==> flow/design.v <==
module my_addsub #(
    parameter integer W = 20
) (
    input  wire clk,
    input  wire [W-1:0] in0,
    input  wire subtract,
    output reg [W-1:0] result
);
    always @(posedge clk) begin
        result <= subtract ? -in0 : in0;
    end
endmodule
==> Step by step through the tools: my_addsub <==
The steps from the RTL of my_addsub to its reports follow in flow order.
Line numbers count from 1 in the design file above.
{ "setup": {"top_module": "my_addsub", "clk_port": "clk", "library": "sky130hd", "lib_corner": "tt_025C_1v80"} }

==> Word level <==
Yosys after proc, flatten, opt, wreduce and memory -nomap, before mapping. Enables and synchronous resets that opt folds into registers are not counted as muxes. Memory bits, and registers merged into a memory's read port (data or address), are not among the register bits. Print and check cells are not counted. Equal cells are merged and count once.
{ "word_totals": {"ff_bits": 20, "latch_bits": 0, "ramBits": 0, "mem_bits_ro": 0, "clocked_rd_ports_x_width": 0, "n_memories": 0, "in_bits": 22, "out_inout_bits": 20, "elab_cells": 3} }
{ "op_classes": {"add_sub_neg": 1, "n_mul": 0, "n_div": 0, "n_cmp": 0, "eq_ne": 0, "shift": 0, "n_mux": 1, "logic": 0, "reduce_and_logical": 0} }
{ "ops": {"columns": ["op", "count"], "rows": [
  ["20-bit negation", 1],
  ["20-bit two-way mux", 1]
]} }

==> Longest topological paths <==
Yosys ltp: most cells in a row. Word level: on the elaborated netlist, between registers, memories and ports. Mapped: between sequential cells and ports; inverters and the memories' decode and read muxes count.
{ "logic_depth": {"word_depth": 2, "abc_area": 0, "ltp_mapped": 6, "depth_no_buf": 6} }

==> After synthesis <==
Source: synth_stat.txt of the flow (Yosys; design flattened, memories mapped). It holds for the ABC_AREA given above (unset counts as 0); a run with the other value may have another netlist.
{ "by_type": {"columns": ["type", "count"], "rows": [
  ["sky130_fd_sc_hd__dfxtp_1", 20],
  ["sky130_fd_sc_hd__xnor2_1", 11],
  ["sky130_fd_sc_hd__xor2_1", 7],
  ["sky130_fd_sc_hd__nor4_1", 5],
  ["sky130_fd_sc_hd__o21ai_0", 6],
  ["sky130_fd_sc_hd__nand2_1", 6],
  ["sky130_fd_sc_hd__o31ai_1", 3],
  ["sky130_fd_sc_hd__a31oi_1", 2],
  ["sky130_fd_sc_hd__ha_1", 1],
  ["sky130_fd_sc_hd__nand2b_1", 2],
  ["sky130_fd_sc_hd__inv_1", 3],
  ["sky130_fd_sc_hd__or3_4", 1],
  ["sky130_fd_sc_hd__or4_4", 1],
  ["sky130_fd_sc_hd__nand4b_1", 1],
  ["sky130_fd_sc_hd__o21ai_2", 1],
  ["sky130_fd_sc_hd__o41ai_1", 1],
  ["sky130_fd_sc_hd__clkbuf_1", 2],
  ["sky130_fd_sc_hd__nand3b_1", 1]
]} }
Not listed: further types 8, cells in them 9.
{ "mapped": {"mapped_cells": 83, "synth_area_um2": 828.3, "sequential_area_um2": 400.4, "ffs": 20, "buf_cells": 2} }

==> Timing after synthesis <==
OpenSTA on the mapped netlist: ideal clock, no wires. The path of least setup slack (recovery checks aside). Input and output delay are each 20% of the period. Register names are those of the netlist, which keeps one name where synthesis merged equal registers.
{ "synth_timing": {"path_kind": "input -> register", "startpoint": "in in0[10]", "endpoint": "reg result[16]", "clock_period_ns": 1.84, "in_delay_ns": 0.368, "setup_time_ns": 0.072, "t_first_pin_ns": 0.368, "arrival_time_ns": 1.475, "setup_slack_ns": 0.293, "delay_ns": 1.179, "driving_pins": 4, "period_less_setup_slack_ns": 1.547} }
"delay_ns" is the arrival time less input delay plus setup time.
"driving_pins": output pins that drive a net of the path, with the launching flip-flop's if there is one; two outputs of one cell count as two.
"period_less_setup_slack_ns" is the clock period less the worst setup slack; recovery checks do not enter. This is arithmetic on one report: input and output delays are still those of the set period (20% each).
Between the ends stands the longest chain of elaborated cells between them, by number of cells; it is not shown to be the way that was timed. Of several equally long chains one is given.
Each line given opens the expression or statement behind the cell; cells for indexed reads and writes are added by Yosys, which also makes memories of some case tables.
{ "synth_via": {"path_cell_list": "sky130_fd_sc_hd__or3_4 > sky130_fd_sc_hd__or4_4 > sky130_fd_sc_hd__o21ai_2 > sky130_fd_sc_hd__xnor2_1", "elab_chain_cells": 2} }
{ "synth_lines": {"columns": ["element", "line_no", "rtl"], "rows": [
  ["start, declared", 5, "input  wire [W-1:0] in0,"],
  ["20-bit negation", 10, "result <= subtract ? -in0 : in0;"],
  ["20-bit two-way mux", 10, null],
  ["end, assigned", 10, null],
  ["end, declared", 7, "output reg [W-1:0] result"]
]} }

==> Timing after layout <==
Path of least setup slack in the final report of job 2 (OpenROAD, finished layout, wires in). Where an end is a register, its clock arrival counts in the times.
{ "layout_timing": {"path_kind": "input -> register", "startpoint": "in in0[10]", "endpoint": "reg result[16]", "clock_period_ns": 1.84, "in_delay_ns": 0.37, "setup_time_ns": 0.06, "t_first_pin_ns": 0.37, "arrival_time_ns": 1.99, "setup_slack_ns": 0.08, "driving_pins": 5} }
Between the ends stands the longest chain of elaborated cells between them, by number of cells; it is not shown to be the way that was timed. Of several equally long chains one is given.
{ "layout_via": {"path_cell_list": "sky130_fd_sc_hd__clkdlybuf4s50_1 > sky130_fd_sc_hd__or3_4 > sky130_fd_sc_hd__or4_4 > sky130_fd_sc_hd__o21ai_2 > sky130_fd_sc_hd__xnor2_1", "elab_chain_cells": 2} }
{ "layout_lines": {"columns": ["element", "line_no", "rtl"], "rows": [
  ["start, declared", 5, "input  wire [W-1:0] in0,"],
  ["20-bit negation", 10, "result <= subtract ? -in0 : in0;"],
  ["20-bit two-way mux", 10, null],
  ["end, assigned", 10, null],
  ["end, declared", 7, "output reg [W-1:0] result"]
]} }

Hand-over note for my_addsub

Below are 3 stored runs of the flow (Yosys, OpenROAD; platform sky130hd) on my_addsub, each with its settings and what was measured, unordered. Constraints: input delay and output delay 20% of the set period each, output load 0.01 pF.
By "achieved clock period (ns)" is meant the clock period of the run minus its worst setup slack. This is arithmetic on one report: input and output delays are still those of the set period (20% each).
By "worst setup path time (ns)" is meant the share of the clock period that the worst setup path is allowed (20% is reserved at inputs, 20% at outputs), minus its slack. Clock arrival times at its registers enter into it.
"finish__power__total": no workload was simulated; the value follows from the tool's default switching activity.

settings of job 1
{
  "period_ns": 0.993,
  "CORE_UTILIZATION": 72,
  "PLACE_DENSITY": 0.36,
  "CELL_PAD_IN_SITES_GLOBAL_PLACEMENT": 3,
  "GPL_TIMING_DRIVEN": 0,
  "GPL_ROUTABILITY_DRIVEN": 0,
  "CTS_CLUSTER_SIZE": 97,
  "CTS_CLUSTER_DIAMETER": 344,
  "CAP_MARGIN": 20,
  "CORE_MARGIN": 2,
  "SLEW_MARGIN": 20
}
report of job 1: did not finish, place, GPL-0301

settings of job 2
{
  "period_ns": 1.84,
  "CAP_MARGIN": 20,
  "CORE_MARGIN": 2,
  "CORE_UTILIZATION": 40,
  "SLEW_MARGIN": 20
}
report of job 2
yosys chip area after synthesis (um^2): 828.3
finish__design__die__area: 2450.8
finish__design__instance__area__stdcell: 1505.2
finish__timing__setup__ws: 0.078
finish__timing__setup__tns: 0.000
finish__timing__hold__ws: 0.581
finish__power__total: 1.138e-03
achieved clock period (ns): 1.762
worst setup path time (ns): 1.39
worst setup path kind: input -> register

settings of job 3
{
  "period_ns": 1.85,
  "CORE_UTILIZATION": 59,
  "SETUP_SLACK_MARGIN": 0.04,
  "CORE_MARGIN": 10,
  "CELL_PAD_IN_SITES_GLOBAL_PLACEMENT": 2,
  "CTS_CLUSTER_SIZE": 76,
  "CTS_CLUSTER_DIAMETER": 349,
  "SLEW_MARGIN": 40,
  "MIN_ROUTING_LAYER": "met2",
  "CAP_MARGIN": 20
}
report of job 3: did not finish, place, GPL-0301

End of note.
